==> flow/design.v <==
module ex_registers_blk #(
   parameter DEPTH = 40,
   parameter DW = 12,
   parameter AW = $clog2(DEPTH)
) (
   input  core_clk,
   input  we,
   input  [AW-1:0] wa,
   input  [DW-1:0] wdata,
   input  [AW-1:0] ra_a,
   input  [AW-1:0] ra_b,
   output reg [DW-1:0] dout_a,
   output reg [DW-1:0] dout_b
);
   reg we_r;
   reg [AW-1:0] wa_r;
   reg [DW-1:0] wdata_r;
   reg [DW-1:0] bank [0:DEPTH-1];
   always @(posedge core_clk) begin
      if (we_r)
         bank[wa_r] <= wdata_r;
   end
   reg [AW-1:0] ra_a_r;
   reg [AW-1:0] ra_b_r;
   always @(posedge core_clk) begin
      we_r <= we;
      wa_r <= wa;
      wdata_r <= wdata;
      ra_a_r <= ra_a;
      ra_b_r <= ra_b;
      dout_a <= (we_r && wa_r == ra_a_r) ? wdata_r : bank[ra_a_r];
      dout_b <= (we_r && wa_r == ra_b_r) ? wdata_r : bank[ra_b_r];
   end
endmodule
* From RTL to reports: ex_registers_blk
What the tools print for ex_registers_blk, step after step. Lines are those of the file above, counted from 1. The mark - stands for no value.
Set-up: design top ex_registers_blk, clock core_clk, library sky130hd, library corner tt_025C_1v80

* After elaboration
Counts by Yosys on the flattened word-level netlist (proc, flatten, opt, wreduce; memories kept). Register bits leave out memories and registers merged into their read ports (data or address); mux counts leave out enables and synchronous resets folded into registers. Print and check cells are left out. Cells with the same type and inputs are merged into one. Yosys's memory passes give these memory sizes; they may raise the number of words (mostly to a power of two), join words into wider ones and drop unused or constant bits.
Operators by class: mux-type cells 3
Operator list (number):
- two-way mux 12 bit | 1
- two-way mux 6 bit | 1
- two-way mux 1 bit | 1
Bit counts: bits in registers 31, memory bits (writable) 480, word width x clocked read ports 24, memories kept 1, input port bits 32, cells after elaboration 9
Memories:
- bank | words 40, bits a word 12, rd ports 2, wr ports 1, line 18 | reg [DW-1:0] bank [0:DEPTH-1];

* Logic depth
Longest topological path by Yosys (ltp), each cell counted once; first at word level (registers and memories cut), then after technology mapping (sequential cells cut; the memories' decode and read muxes count).
Logic depth: depth after elaboration 1, ABC_AREA 0, mapped depth 8, mapped depth without buffers 5

* Netlist
Source: synth_stat.txt of the flow (Yosys; design flattened, memories mapped). It holds for the ABC_AREA given above (unset counts as 0); a run with the other value may have another netlist.
Cell types:
- sky130_fd_sc_hd__edfxtp_1 | number 480, area in all 1.44E+04 µm²
- sky130_fd_sc_hd__mux2i_1 | number 384, area in all 3.84E+03 µm²
- sky130_fd_sc_hd__mux4_2 | number 48, area in all 1.08E+03 µm²
- sky130_fd_sc_hd__dfxtp_1 | number 43, area in all 860.826 µm²
- sky130_fd_sc_hd__a221oi_2 | number 48, area in all 720.691 µm²
- sky130_fd_sc_hd__a22oi_1 | number 96, area in all 720.691 µm²
- sky130_fd_sc_hd__a22o_1 | number 48, area in all 420.403 µm²
- sky130_fd_sc_hd__o41ai_2 | number 24, area in all 390.374 µm²
- sky130_fd_sc_hd__mux2_2 | number 24, area in all 270.259 µm²
- sky130_fd_sc_hd__a21oi_1 | number 48, area in all 240.23 µm²
- sky130_fd_sc_hd__buf_4 | number 22, area in all 165.158 µm²
- sky130_fd_sc_hd__nor2_1 | number 43, area in all 161.405 µm²
- sky130_fd_sc_hd__clkbuf_1 | number 42, area in all 157.651 µm²
- sky130_fd_sc_hd__buf_8 | number 10, area in all 150.144 µm²
- sky130_fd_sc_hd__o22ai_1 | number 24, area in all 150.144 µm²
- sky130_fd_sc_hd__buf_6 | number 12, area in all 135.13 µm²
- sky130_fd_sc_hd__nand2_1 | number 33, area in all 123.869 µm²
- sky130_fd_sc_hd__buf_2 | number 15, area in all 75.072 µm²
Other cell types: 12; their cells: 38.
Synthesis totals: cell count 1482, synthesis area 24324.6 µm², flip-flop cells 523, buffers 111

* Timing after synthesis
Source: OpenSTA report_checks on the synthesized netlist (no wires, ideal clock, input and output delay 20% of the period each), path of least setup slack; recovery checks are left aside. Register names are those of the netlist, which keeps one name where synthesis merged equal registers.
Timing after synthesis: path type reg-to-output, start register (name not given), end output port dout_a[0], clock period 2.64 ns, launch time at the first pin 0.000 ns, arrival time 1.691 ns, required time 2.112 ns, path slack 0.421 ns, delay of the path 1.691 ns, stages 7, period reached after synthesis 2.219 ns
"delay of the path" = arrival - input delay + setup time. At an output port there is no setup time. "stages": output pins that drive a net of the path, with the launching flip-flop's if there is one; two outputs of one cell count as two. "period reached after synthesis" = period - worst setup slack (recovery checks aside). The figure is calculated, with input and output delays left at 20% of the set period.
Between the ends, after synthesis: cell sequence sky130_fd_sc_hd__dfxtp_1 sky130_fd_sc_hd__buf_6 sky130_fd_sc_hd__buf_2 sky130_fd_sc_hd__mux4_2 sky130_fd_sc_hd__mux2_2 sky130_fd_sc_hd__nand2_1 sky130_fd_sc_hd__o41ai_2
Ends and longest elaborated chain, after synthesis:
- end: declaration | line 12 | output reg [DW-1:0] dout_a,
Chain of elaborated cells between the ends: none given.

* Timing after layout
Path of least setup slack in the final report of flow run 1 (OpenROAD, finished layout, wires in). Where an end is a register, its clock arrival counts in the times.
Timing post-layout: path type reg-to-output, start register (name not given), end output port dout_a[10], clock period 3.98 ns, launch time at the first pin 0.62 ns, arrival time 3.00 ns, required time 3.18 ns, path slack 0.18 ns, stages 8
Between the ends, post-layout: cell sequence sky130_fd_sc_hd__dfxtp_4 sky130_fd_sc_hd__and2_2 sky130_fd_sc_hd__buf_12 sky130_fd_sc_hd__buf_4 sky130_fd_sc_hd__a221oi_4 sky130_fd_sc_hd__o22ai_2 sky130_fd_sc_hd__o41ai_2 sky130_fd_sc_hd__dlygate4sd2_1
Ends and longest elaborated chain, post-layout:
- end: declaration | line 12 | output reg [DW-1:0] dout_a,
Chain of elaborated cells between the ends: none given.

Module ex_registers_blk, platform sky130hd: 3 stored runs of the flow (Yosys, OpenROAD) with differing settings, in no particular order. Input and output delays are each 20% of the period that was set; the output load is 0.01 pF.
"clock period achieved" = clock period - worst setup slack. The figure is calculated, with input and output delays left at 20% of the set period.
"critical setup path time": the worst setup path's part of the clock period (all of it between registers, 20% less for each end at a port) less its slack. A launch clock that arrives late makes it longer, a capture clock that arrives late makes it shorter.
"power" is the tool's figure for a default switching activity; nothing was simulated.

[flow run 1] flow files
==> flow/run.sh <==
#!/bin/bash
# the make line also repeats the synthesis and layout settings of config.mk as NAME=value (left out here)
make -C /OpenROAD-flow-scripts/flow DESIGN_CONFIG=/design/flow/config.mk WORK_HOME=/design/flow/orfs CLKGATE_MAP_FILE= finish
==> flow/config.mk <==
export PLATFORM = sky130hd
export DESIGN_NAME = ex_registers_blk
export DESIGN_NICKNAME = ex_registers_blk
export VERILOG_FILES = /design/flow/design.v
export SDC_FILE = /design/flow/constraint.sdc
export NUM_CORES = 4
export LEC_CHECK = 0
export CAP_MARGIN = 5
export CORE_MARGIN = 2
export CORE_UTILIZATION = 16
export CTS_CLUSTER_SIZE = 56
export SETUP_SLACK_MARGIN = 0.21
export SLEW_MARGIN = 30
export TNS_END_PERCENT = 60
==> flow/constraint.sdc <==
create_clock -name core_clock -period 3.98 [get_ports {core_clk}]
set_input_delay 0.7960 -clock core_clock [delete_from_list [all_inputs] [get_ports {core_clk}]]
set_output_delay 0.7960 -clock core_clock [all_outputs]
set_load 0.01 [all_outputs]

[flow run 1] result: critical setup path time 3.00 ns; class of the worst setup path reg-to-output; total negative setup slack 0.000 ns; standard-cell area of the final layout 30,854.6 µm²; area inside the die boundary 155,165.0 µm²; clock period achieved 3.796 ns; power 12,743 µW; setup slack of the worst path 0.184 ns; post-layout utilization 20.4%; chip area in the Yosys report 24,324.6 µm²; worst-case hold slack 0.329 ns

[flow run 2] flow files
==> flow/run.sh <==
#!/bin/bash
# the make line also repeats the synthesis and layout settings of config.mk as NAME=value (left out here)
make -C /OpenROAD-flow-scripts/flow DESIGN_CONFIG=/design/flow/config.mk WORK_HOME=/design/flow/orfs CLKGATE_MAP_FILE= finish
==> flow/config.mk <==
export PLATFORM = sky130hd
export DESIGN_NAME = ex_registers_blk
export DESIGN_NICKNAME = ex_registers_blk
export VERILOG_FILES = /design/flow/design.v
export SDC_FILE = /design/flow/constraint.sdc
export NUM_CORES = 4
export LEC_CHECK = 0
export CAP_MARGIN = 20
export CORE_MARGIN = 2
export CORE_UTILIZATION = 40
export SLEW_MARGIN = 20
==> flow/constraint.sdc <==
create_clock -name core_clock -period 2.64 [get_ports {core_clk}]
set_input_delay 0.5280 -clock core_clock [delete_from_list [all_inputs] [get_ports {core_clk}]]
set_output_delay 0.5280 -clock core_clock [all_outputs]
set_load 0.01 [all_outputs]

[flow run 2] result: critical setup path time 2.81 ns; class of the worst setup path reg-to-output; total negative setup slack -14.949 ns; standard-cell area of the final layout 31,296.3 µm²; area inside the die boundary 62,800.4 µm²; clock period achieved 3.335 ns; power 19,784 µW; setup slack of the worst path -0.695 ns; post-layout utilization 51.9%; chip area in the Yosys report 24,324.6 µm²; worst-case hold slack 0.331 ns

[flow run 3] flow files
==> flow/run.sh <==
#!/bin/bash
# the make line also repeats the synthesis and layout settings of config.mk as NAME=value (left out here)
make -C /OpenROAD-flow-scripts/flow DESIGN_CONFIG=/design/flow/config.mk WORK_HOME=/design/flow/orfs CLKGATE_MAP_FILE= finish
==> flow/config.mk <==
export PLATFORM = sky130hd
export DESIGN_NAME = ex_registers_blk
export DESIGN_NICKNAME = ex_registers_blk
export VERILOG_FILES = /design/flow/design.v
export SDC_FILE = /design/flow/constraint.sdc
export NUM_CORES = 4
export LEC_CHECK = 0
export CAP_MARGIN = 20
export CELL_PAD_IN_SITES_DETAIL_PLACEMENT = 1
export CORE_ASPECT_RATIO = 1.18
export CORE_MARGIN = 2
export CORE_UTILIZATION = 22
export CTS_CLUSTER_SIZE = 37
export GPL_TIMING_DRIVEN = 1
export PLACE_DENSITY_LB_ADDON = 0.28
export SETUP_SLACK_MARGIN = 0.42
export SLEW_MARGIN = 20
export TNS_END_PERCENT = 10
==> flow/constraint.sdc <==
create_clock -name core_clock -period 3.17 [get_ports {core_clk}]
set_input_delay 0.6340 -clock core_clock [delete_from_list [all_inputs] [get_ports {core_clk}]]
set_output_delay 0.6340 -clock core_clock [all_outputs]
set_load 0.01 [all_outputs]

[flow run 3] result: critical setup path time 3.02 ns; class of the worst setup path reg-to-output; total negative setup slack -8.818 ns; standard-cell area of the final layout 31,199.9 µm²; area inside the die boundary 113,252.0 µm²; clock period achieved 3.651 ns; power 16,320 µW; setup slack of the worst path -0.481 ns; post-layout utilization 28.5%; chip area in the Yosys report 24,324.6 µm²; worst-case hold slack 0.325 ns
